==> flow/design.v <==
module add_mod #(
    parameter DATA_WIDTH = 14
) (
    input  wire ck,
    input  wire [DATA_WIDTH-1:0] rs1_in,
    input  wire [DATA_WIDTH-1:0] rs2_in,
    input  wire cy_in_in,
    output wire [DATA_WIDTH-1:0] o_out,
    output wire cy_out
);
    reg [DATA_WIDTH-1:0] rs1_s;
    reg [DATA_WIDTH-1:0] rs2_s;
    reg cy_in_s;
    always @(posedge ck) begin
        rs1_s <= rs1_in;
        rs2_s <= rs2_in;
        cy_in_s <= cy_in_in;
    end
    wire [DATA_WIDTH-1:0] r;
    wire [DATA_WIDTH:0] carry;
    assign carry[0] = cy_in_s;
    genvar g;
    generate
        for (g = 0; g < DATA_WIDTH; g = g + 1) begin : slice
            assign r[g] = rs1_s[g] ^ rs2_s[g] ^ carry[g];
            assign carry[g+1] = (rs1_s[g] & rs2_s[g]) | (carry[g] & (rs1_s[g] ^ rs2_s[g]));
        end
    endgenerate
    assign o_out = r;
    assign cy_out = carry[DATA_WIDTH];
endmodule
### Step by step through the tools: add_mod

Tool output for the design above, in the order of the flow.
Line numbers count from 1 in the design file above.
Operators: Yosys type, input widths -> output width; for muxes data width and select width s.
Cell names lack the library's common part.
Not given: --

| inputs | value |
|---|---|
| top module | add_mod |
| clock input | ck |
| cell library | sky130hd |
| library corner | tt_025C_1v80 |

### Elaborated design

Source: Yosys, flattened and elaborated, memories not mapped. Widths are those after wreduce; folded enables and synchronous resets count as part of the registers. Registers that Yosys merges into a memory's read port (data or address) are not register bits. Print and check cells do not count. Equal cells are merged and count once.

| bit counts | value |
|---|---|
| bits in registers | 29 |
| bits of input ports | 30 |

| cells by class | value |
|---|---|
| bitwise gates (word level) | 70 |

Operators by type and width:

| cell | number |
|---|---|
| $and 1x1->1 | 28 |
| $xor 1x1->1 | 28 |
| $or 1x1->1 | 14 |

### Logic depth

Longest topological path by Yosys (ltp), each cell counted once; first at word level (registers and memories cut), then after technology mapping (sequential cells cut; the memories' decode and read muxes count).

| logic depth | value |
|---|---|
| depth in word-level cells | 29 |
| ABC_AREA | 0 |
| depth in mapped cells | 18 |
| gate-level depth less buffers | 18 |

### Netlist

Yosys stat after the flow's synthesis: flattened, memories mapped to cells. It holds for the ABC_AREA given above (unset counts as 0); a run with the other value may have another netlist.
Totals and module areas in this step are rounded.

Cell types:

| cell | number | area in all (µm²) |
|---|---|---|
| dfxtp_1 | 29 | 580.557 |
| fa_1 | 14 | 280.269 |
| inv_1 | 10 | 37.536 |

| synthesis totals | value |
|---|---|
| flip-flops | 29 |
| synthesis area | 898 µm² |
| buffer cells | 0 |
| sequential area | 581 µm² |
| standard cells after synthesis | 53 |

### Worst setup path after synthesis

Path of least setup slack by OpenSTA after synthesis, without wires, with an ideal clock, recovery checks aside; 20% of the period is set as input and as output delay. Where synthesis merged equal registers, the netlist keeps one of their names.

| timing post-synthesis | value |
|---|---|
| kind | register to output |
| from | register rs1_s[0] |
| to | output port o_out[13] |
| path slack | 1415 ps |
| arrival | 5649 ps |
| clock period | 8830 ps |
| buffers on the path | 0 |
| path delay | 5649 ps |
| data required time | 7064 ps |
| stages on the path | 19 |
| period reached after synthesis | 7415 ps |

"path delay" is the arrival time less input delay plus setup time.
A path that ends at an output port has no setup time.
"stages on the path" counts driving pins, that of a launching flip-flop among them; a cell with two outputs on the path counts twice.
"period reached after synthesis" is the clock period less the worst setup slack; recovery checks do not enter. This is arithmetic on one report: input and output delays are still those of the set period (20% each).
Between the ends stands the longest chain of elaborated cells between them, by number of cells; it is not shown to be the way that was timed. Of several equally long chains one is given.
Each line given opens the expression or statement behind the cell; cells for indexed reads and writes are added by Yosys, which also makes memories of some case tables.

| between the ends, post-synthesis | value |
|---|---|
| cell sequence | dfxtp_1 > fa_1 > fa_1 > fa_1 > fa_1 > fa_1 > fa_1 > fa_1 > fa_1 > fa_1 > fa_1 > fa_1 > inv_1 > fa_1 > inv_1 > fa_1 > inv_1 > fa_1 > inv_1 |
| cells in the longest elaborated chain | 28 |
| elaborated cells on any way between the ends | 29 |

RTL lines, path post-synthesis:

| element | RTL line | RTL |
|---|---|---|
| start: declaration | 11 | `reg [DATA_WIDTH-1:0] rs1_s;` |
| start: assignment | 15 | `rs1_s <= rs1_in;` |
| $xor 1x1->1 | 26 | `assign carry[g+1] = (rs1_s[g] & rs2_s[g]) \| (carry[g] & (rs1_s[g] ^ rs2_s[g]));` |
| $and 1x1->1 | 26 |  |
| $or 1x1->1 | 26 |  |
| $and 1x1->1 | 26 |  |
| $or 1x1->1 | 26 |  |
| $and 1x1->1 | 26 |  |
| $or 1x1->1 | 26 |  |
| [... 14 more ...] | -- |  |
| $and 1x1->1 | 26 |  |
| $or 1x1->1 | 26 |  |
| $and 1x1->1 | 26 |  |
| $or 1x1->1 | 26 |  |
| $and 1x1->1 | 26 |  |
| $or 1x1->1 | 26 |  |
| $xor 1x1->1 | 25 | `assign r[g] = rs1_s[g] ^ rs2_s[g] ^ carry[g];` |
| end: declaration | 8 | `output wire [DATA_WIDTH-1:0] o_out,` |

### Timing after layout

Path of least setup slack in the final report of flow run A (OpenROAD, finished layout, wires in). Where an end is a register, its clock arrival counts in the times.
The report prints the path's times to 10 ps; the period is as set.

| timing post-layout | value |
|---|---|
| kind | register to output |
| from | register rs1_s[0] |
| to | output port o_out[13] |
| arrival | 6720 ps |
| data required time | 7060 ps |
| clock period | 8830 ps |
| path slack | 350 ps |
| buffers on the path | 1 |
| stages on the path | 20 |

Between the ends stands the longest chain of elaborated cells between them, by number of cells; it is not shown to be the way that was timed. Of several equally long chains one is given.

| between the ends, post-layout | value |
|---|---|
| cell sequence | dfxtp_1 > fa_1 > fa_1 > fa_1 > fa_1 > fa_1 > fa_1 > fa_1 > fa_1 > fa_1 > fa_1 > fa_1 > inv_1 > fa_1 > inv_1 > fa_1 > inv_1 > fa_1 > inv_1 > clkdlybuf4s50_1 |
| cells in the longest elaborated chain | 28 |
| elaborated cells on any way between the ends | 29 |

RTL lines, path post-layout:

| element | RTL line | RTL |
|---|---|---|
| start: declaration | 11 | `reg [DATA_WIDTH-1:0] rs1_s;` |
| start: assignment | 15 | `rs1_s <= rs1_in;` |
| $xor 1x1->1 | 26 | `assign carry[g+1] = (rs1_s[g] & rs2_s[g]) \| (carry[g] & (rs1_s[g] ^ rs2_s[g]));` |
| $and 1x1->1 | 26 |  |
| $or 1x1->1 | 26 |  |
| $and 1x1->1 | 26 |  |
| $or 1x1->1 | 26 |  |
| $and 1x1->1 | 26 |  |
| $or 1x1->1 | 26 |  |
| [... 14 more ...] | -- |  |
| $and 1x1->1 | 26 |  |
| $or 1x1->1 | 26 |  |
| $and 1x1->1 | 26 |  |
| $or 1x1->1 | 26 |  |
| $and 1x1->1 | 26 |  |
| $or 1x1->1 | 26 |  |
| $xor 1x1->1 | 25 | `assign r[g] = rs1_s[g] ^ rs2_s[g] ^ carry[g];` |
| end: declaration | 8 | `output wire [DATA_WIDTH-1:0] o_out,` |

==> runs of add_mod <==
Design add_mod on sky130hd. What follows are 3 stored runs of the flow, each under its own settings; their order means nothing. The constraints put input and output delay at 20% of the set period each and load the outputs with 0.01 pF.
"clock period achieved" means the clock period less the worst setup slack. The figure is calculated, with input and output delays left at 20% of the set period.
"worst path time" = time allowed to the worst setup path (clock period - input delay - output delay, where it has them) - its slack; a late launch clock adds to it, a late capture clock takes from it.
"worst path time" is known to 10 ps.
The measured numbers are rounded.
Among the settings, - means not set for that run.
A result given as - is not shown for that run.

| run name | period_ns | CAP_MARGIN | CORE_MARGIN | CORE_UTILIZATION | SLEW_MARGIN | SETUP_SLACK_MARGIN | PLACE_DENSITY | CELL_PAD_IN_SITES_DETAIL_PLACEMENT | GPL_TIMING_DRIVEN | CTS_CLUSTER_SIZE | CTS_CLUSTER_DIAMETER | MIN_ROUTING_LAYER | PLACE_DENSITY_LB_ADDON | CORE_ASPECT_RATIO | CELL_PAD_IN_SITES_GLOBAL_PLACEMENT | TNS_END_PERCENT | ABC_AREA | MAX_ROUTING_LAYER | total negative setup slack (ps) | worst path time (ps) | kind of the worst setup path | chip area in the Yosys report (µm²) | smallest hold slack (ps) | area of the die (µm²) | final utilization (%) | clock period achieved (ps) | worst slack on setup checks (ps) |
|---|---|---|---|---|---|---|---|---|---|---|---|---|---|---|---|---|---|---|---|---|---|---|---|---|---|---|---|
| flow run A | 8.83 | 20 | 2 | 40 | 20 | - | - | - | - | - | - | - | - | - | - | - | - | - | 0 | 6720 | register to output | 898 | 1890 | 2640 | 65.9 | 8483 | 347 |
| flow run B | 7.29 | 20 | 2 | 48 | 20 | 0.9 | 0.91 | 1 | 1 | 85 | 126 | met1 | - | - | - | - | - | - | - | - | - | - | - | - | - | - | - |
| flow run C | 11.3 | 20 | 2 | 40 | 20 | - | - | 2 | 0 | - | - | - | 0.17 | 1.38 | 1 | 100 | 1 | met4 | - | - | - | - | - | - | - | - | - |

Flow run B: unfinished; error DPL-0033 in placement
Flow run C: unfinished; error DPL-0033 in clock tree synthesis
